==> flow/design.v <==
module u_subtractor_blk #(
  parameter W = 20
) (
  input  logic ck,
  input  logic [W-1:0] arg0,
  input  logic [W-1:0] arg1,
  input  logic mode,
  output logic [W:0] q
);
  always_ff @(posedge ck) begin
    q <= mode ? arg0 - arg1 : arg0 + arg1;
  end
endmodule
Step by step through the tools: u_subtractor_blk --
The steps from the RTL of u_subtractor_blk to its reports follow in flow order. Lines are those of the file above, counted from 1. Operators carry their Yosys type and port widths (W data, S select, Z words). The mark n/a stands for no value.
Inputs: top u_subtractor_blk, clock ck, library sky130hd, corner tt_025C_1v80

After elaboration --
Counts by Yosys on the flattened word-level netlist (proc, flatten, opt, wreduce; memories kept). Register bits leave out memories and registers merged into their read ports (data or address); mux counts leave out enables and synchronous resets folded into registers. Print and check cells are left out. Cells with the same type and inputs are merged into one.
Bit counts: register bits 21, ROM bits 0, output and inout bits 21, memories 0, input bits 42, elaborated cells 4, RAM bits 0, latch bits 0, word width x clocked read ports 0
Operators by class: magnitude comparators 0, divide/modulo/power cells 0, mux-type cells 1, eq/ne operators 0, shift operators 0, reductions and logical operators 0, multipliers 0, bitwise operators 0, $add $sub $neg 2
Operator list (count):
- $add A20 B20 Y21 | 1
- $sub A20 B20 Y21 | 1
- $mux W21 | 1

Longest topological paths --
Yosys ltp: most cells in a row. Word level: on the elaborated netlist, between registers, memories and ports. Mapped: between sequential cells and ports; inverters and the memories' decode and read muxes count.
Depth: depth after elaboration 2, ABC_AREA 0, mapped depth 15, gate-level depth less buffers 14

Mapped cells and area --
Yosys stat after the flow's synthesis: flattened, memories mapped to cells. It holds for the ABC_AREA given above (unset counts as 0); a run with the other value may have another netlist.
Cells by type:
- sky130_fd_sc_hd__dfxtp_1 | count 21, area in all 420.403 um^2
- sky130_fd_sc_hd__ha_1 | count 21, area in all 262.752 um^2
- sky130_fd_sc_hd__xnor2_1 | count 27, area in all 236.477 um^2
- sky130_fd_sc_hd__a21oi_1 | count 21, area in all 105.101 um^2
- sky130_fd_sc_hd__nor2_1 | count 26, area in all 97.594 um^2
- sky130_fd_sc_hd__xor2_1 | count 8, area in all 70.067 um^2
- sky130_fd_sc_hd__nand2_1 | count 17, area in all 63.811 um^2
- sky130_fd_sc_hd__nor3_1 | count 10, area in all 50.048 um^2
- sky130_fd_sc_hd__a21o_1 | count 6, area in all 45.043 um^2
- sky130_fd_sc_hd__inv_1 | count 10, area in all 37.536 um^2
- sky130_fd_sc_hd__o21ai_0 | count 7, area in all 35.034 um^2
- sky130_fd_sc_hd__nand3_1 | count 6, area in all 30.029 um^2
- sky130_fd_sc_hd__o21bai_1 | count 4, area in all 30.029 um^2
- sky130_fd_sc_hd__a31oi_1 | count 4, area in all 25.024 um^2
- sky130_fd_sc_hd__buf_6 | count 2, area in all 22.522 um^2
- sky130_fd_sc_hd__clkbuf_1 | count 6, area in all 22.522 um^2
- sky130_fd_sc_hd__o21a_1 | count 3, area in all 22.522 um^2
- sky130_fd_sc_hd__a31oi_4 | count 1, area in all 21.27 um^2
Other cell types: 32; their cells: 40.
Synthesis totals: flip-flops 21, sequential part of the area 420.4 um^2, buffers 9, synthesis area 1918.1 um^2, mapped cells 240

Timing after synthesis --
Source: OpenSTA report_checks on the synthesized netlist (no wires, ideal clock, input and output delay 20% of the period each), path of least setup slack; recovery checks are left aside. Register names are those of the netlist, which keeps one name where synthesis merged equal registers.
Timing after synthesis: path type in2reg, start point input arg1[6], end point register q[20], period 4.34 ns, setup slack 0.693 ns, library setup time 0.072 ns, required time 4.268 ns, time at the first pin 0.868 ns, input delay 0.868 ns, data arrival time 3.575 ns, driving pins on the path 13, delay of the path 2.779 ns, buffers on the path 1, synthesis period reached 3.647 ns
"delay of the path" = arrival - input delay + setup time. "driving pins on the path": output pins that drive a net of the path, with the launching flip-flop's if there is one; two outputs of one cell count as two. "synthesis period reached" is the clock period less the worst setup slack; recovery checks do not enter. This is arithmetic on one report: input and output delays are still those of the set period (20% each). The rows between start and end are the longest chain of elaborated cells between them; the timing report does not say that the signal goes this way. Where chains are equally long, one stands for them. A line is the first line of the expression or statement that the cell stems from. Yosys adds cells for indexed reads and writes and turns some case tables into memories.
Between the ends, after synthesis: cell sequence sky130_fd_sc_hd__or3_1 > sky130_fd_sc_hd__nor4b_1 > sky130_fd_sc_hd__a21o_1 > sky130_fd_sc_hd__o21ai_0 > sky130_fd_sc_hd__xnor2_1 > sky130_fd_sc_hd__ha_1 > sky130_fd_sc_hd__buf_6 > sky130_fd_sc_hd__a21o_1 > sky130_fd_sc_hd__a21oi_2 > sky130_fd_sc_hd__nor2b_1 > sky130_fd_sc_hd__or4_4 > sky130_fd_sc_hd__a31oi_4 > sky130_fd_sc_hd__xor2_1, cells in the longest elaborated chain 2, elaborated cells on any way between the ends 3, source lines of those cells 1, classes of those cells add/sub: 2; mux: 1
RTL lines, path after synthesis:
- start: declaration | RTL line 6 | input  logic [W-1:0] arg1,
- $add A20 B20 Y21 | RTL line 11 | q <= mode ? arg0 - arg1 : arg0 + arg1;
- $mux W21 | RTL line 11
- end: assignment | RTL line 11
- end: declaration | RTL line 8 | output logic [W:0] q

Worst path after layout --
Path of least setup slack in the final report of record 2 (OpenROAD, finished layout, wires in). Where an end is a register, its clock arrival counts in the times.
Timing after layout: path type in2reg, start point input arg1[6], end point register q[20], input delay 0.87 ns, time at the first pin 0.87 ns, setup slack 0.36 ns, library setup time 0.06 ns, buffers on the path 1, data arrival time 4.17 ns, period 4.34 ns, required time 4.53 ns, driving pins on the path 13
The rows between start and end are the longest chain of elaborated cells between them; the timing report does not say that the signal goes this way. Where chains are equally long, one stands for them.
Between the ends, after layout: cell sequence sky130_fd_sc_hd__clkdlybuf4s50_1 > sky130_fd_sc_hd__or3_1 > sky130_fd_sc_hd__nor4b_1 > sky130_fd_sc_hd__a21o_1 > sky130_fd_sc_hd__o21ai_0 > sky130_fd_sc_hd__xnor2_1 > sky130_fd_sc_hd__ha_1 > sky130_fd_sc_hd__a21o_1 > sky130_fd_sc_hd__a21oi_2 > sky130_fd_sc_hd__nor2b_1 > sky130_fd_sc_hd__or4_4 > sky130_fd_sc_hd__a31oi_4 > sky130_fd_sc_hd__xor2_1, cells in the longest elaborated chain 2, elaborated cells on any way between the ends 3, source lines of those cells 1, classes of those cells add/sub: 2; mux: 1
RTL lines, path after layout:
- start: declaration | RTL line 6 | input  logic [W-1:0] arg1,
- $add A20 B20 Y21 | RTL line 11 | q <= mode ? arg0 - arg1 : arg0 + arg1;
- $mux W21 | RTL line 11
- end: assignment | RTL line 11
- end: declaration | RTL line 8 | output logic [W:0] q

Top module u_subtractor_blk; platform sky130hd; tools Yosys and OpenROAD; 3 stored runs in no particular order. Input and output delays are each 20% of the period that was set; the output load is 0.01 pF.
"clock period achieved" = clock period - worst setup slack. The figure is calculated, with input and output delays left at 20% of the set period.
By "critical path time" is meant the share of the clock period that the worst setup path is allowed (20% is reserved at inputs, 20% at outputs), minus its slack. Clock arrival times at its registers enter into it.
By "total power of the final layout" is meant OpenSTA's value without simulated activity: inputs other than the clock are taken to toggle once in ten clock periods, and the tool carries that through the logic.

[record 1] flow files
==> flow/run.sh <==
#!/bin/bash
# the make line also repeats the synthesis and layout settings of config.mk as NAME=value (left out here)
make -C /OpenROAD-flow-scripts/flow DESIGN_CONFIG=/design/flow/config.mk WORK_HOME=/design/flow/orfs CLKGATE_MAP_FILE= finish
==> flow/config.mk <==
export PLATFORM = sky130hd
export DESIGN_NAME = u_subtractor_blk
export DESIGN_NICKNAME = u_subtractor_blk
export VERILOG_FILES = /design/flow/design.v
export SDC_FILE = /design/flow/constraint.sdc
export NUM_CORES = 4
export LEC_CHECK = 0
export CAP_MARGIN = 20
export CORE_ASPECT_RATIO = 0.77
export CORE_MARGIN = 2
export CORE_UTILIZATION = 68
export GPL_ROUTABILITY_DRIVEN = 1
export GPL_TIMING_DRIVEN = 1
export MAX_ROUTING_LAYER = met4
export PLACE_DENSITY_LB_ADDON = 0.15
export SETUP_SLACK_MARGIN = 0.04
export SLEW_MARGIN = 10
export TNS_END_PERCENT = 80
==> flow/constraint.sdc <==
create_clock -name core_clock -period 2.4 [get_ports {ck}]
set_input_delay 0.4800 -clock core_clock [delete_from_list [all_inputs] [get_ports {ck}]]
set_output_delay 0.4800 -clock core_clock [all_outputs]
set_load 0.01 [all_outputs]

[record 1] result: did not finish, placement stopped with FLW-0024

[record 2] flow files
==> flow/run.sh <==
#!/bin/bash
# the make line also repeats the synthesis and layout settings of config.mk as NAME=value (left out here)
make -C /OpenROAD-flow-scripts/flow DESIGN_CONFIG=/design/flow/config.mk WORK_HOME=/design/flow/orfs CLKGATE_MAP_FILE= finish
==> flow/config.mk <==
export PLATFORM = sky130hd
export DESIGN_NAME = u_subtractor_blk
export DESIGN_NICKNAME = u_subtractor_blk
export VERILOG_FILES = /design/flow/design.v
export SDC_FILE = /design/flow/constraint.sdc
export NUM_CORES = 4
export LEC_CHECK = 0
export CAP_MARGIN = 20
export CORE_MARGIN = 2
export CORE_UTILIZATION = 40
export SLEW_MARGIN = 20
==> flow/constraint.sdc <==
create_clock -name core_clock -period 4.34 [get_ports {ck}]
set_input_delay 0.8680 -clock core_clock [delete_from_list [all_inputs] [get_ports {ck}]]
set_output_delay 0.8680 -clock core_clock [all_outputs]
set_load 0.01 [all_outputs]

[record 2] result: die footprint 5364.8 um^2; total power of the final layout 0.0009052 W; standard-cell area after layout 2683.8 um^2; utilization 0.576; critical path time 3.11 ns; kind of the worst setup path in2reg; worst slack on setup checks 0.361 ns; worst hold slack in the final report 1.233 ns; post-synthesis cell area 1918.1 um^2; sum of negative setup slack 0.000 ns; clock period achieved 3.979 ns

[record 3] flow files
==> flow/run.sh <==
#!/bin/bash
# the make line also repeats the synthesis and layout settings of config.mk as NAME=value (left out here)
make -C /OpenROAD-flow-scripts/flow DESIGN_CONFIG=/design/flow/config.mk WORK_HOME=/design/flow/orfs CLKGATE_MAP_FILE= finish
==> flow/config.mk <==
export PLATFORM = sky130hd
export DESIGN_NAME = u_subtractor_blk
export DESIGN_NICKNAME = u_subtractor_blk
export VERILOG_FILES = /design/flow/design.v
export SDC_FILE = /design/flow/constraint.sdc
export NUM_CORES = 4
export LEC_CHECK = 0
export ABC_AREA = 0
export CAP_MARGIN = 20
export CELL_PAD_IN_SITES_DETAIL_PLACEMENT = 2
export CELL_PAD_IN_SITES_GLOBAL_PLACEMENT = 1
export CORE_ASPECT_RATIO = 1.05
export CORE_MARGIN = 2
export CORE_UTILIZATION = 29
export CTS_CLUSTER_DIAMETER = 215
export PLACE_DENSITY = 0.88
export SLEW_MARGIN = 30
export TNS_END_PERCENT = 75
==> flow/constraint.sdc <==
create_clock -name core_clock -period 2.51 [get_ports {ck}]
set_input_delay 0.5020 -clock core_clock [delete_from_list [all_inputs] [get_ports {ck}]]
set_output_delay 0.5020 -clock core_clock [all_outputs]
set_load 0.01 [all_outputs]

[record 3] result: did not finish, clock tree synthesis stopped with DPL-0033
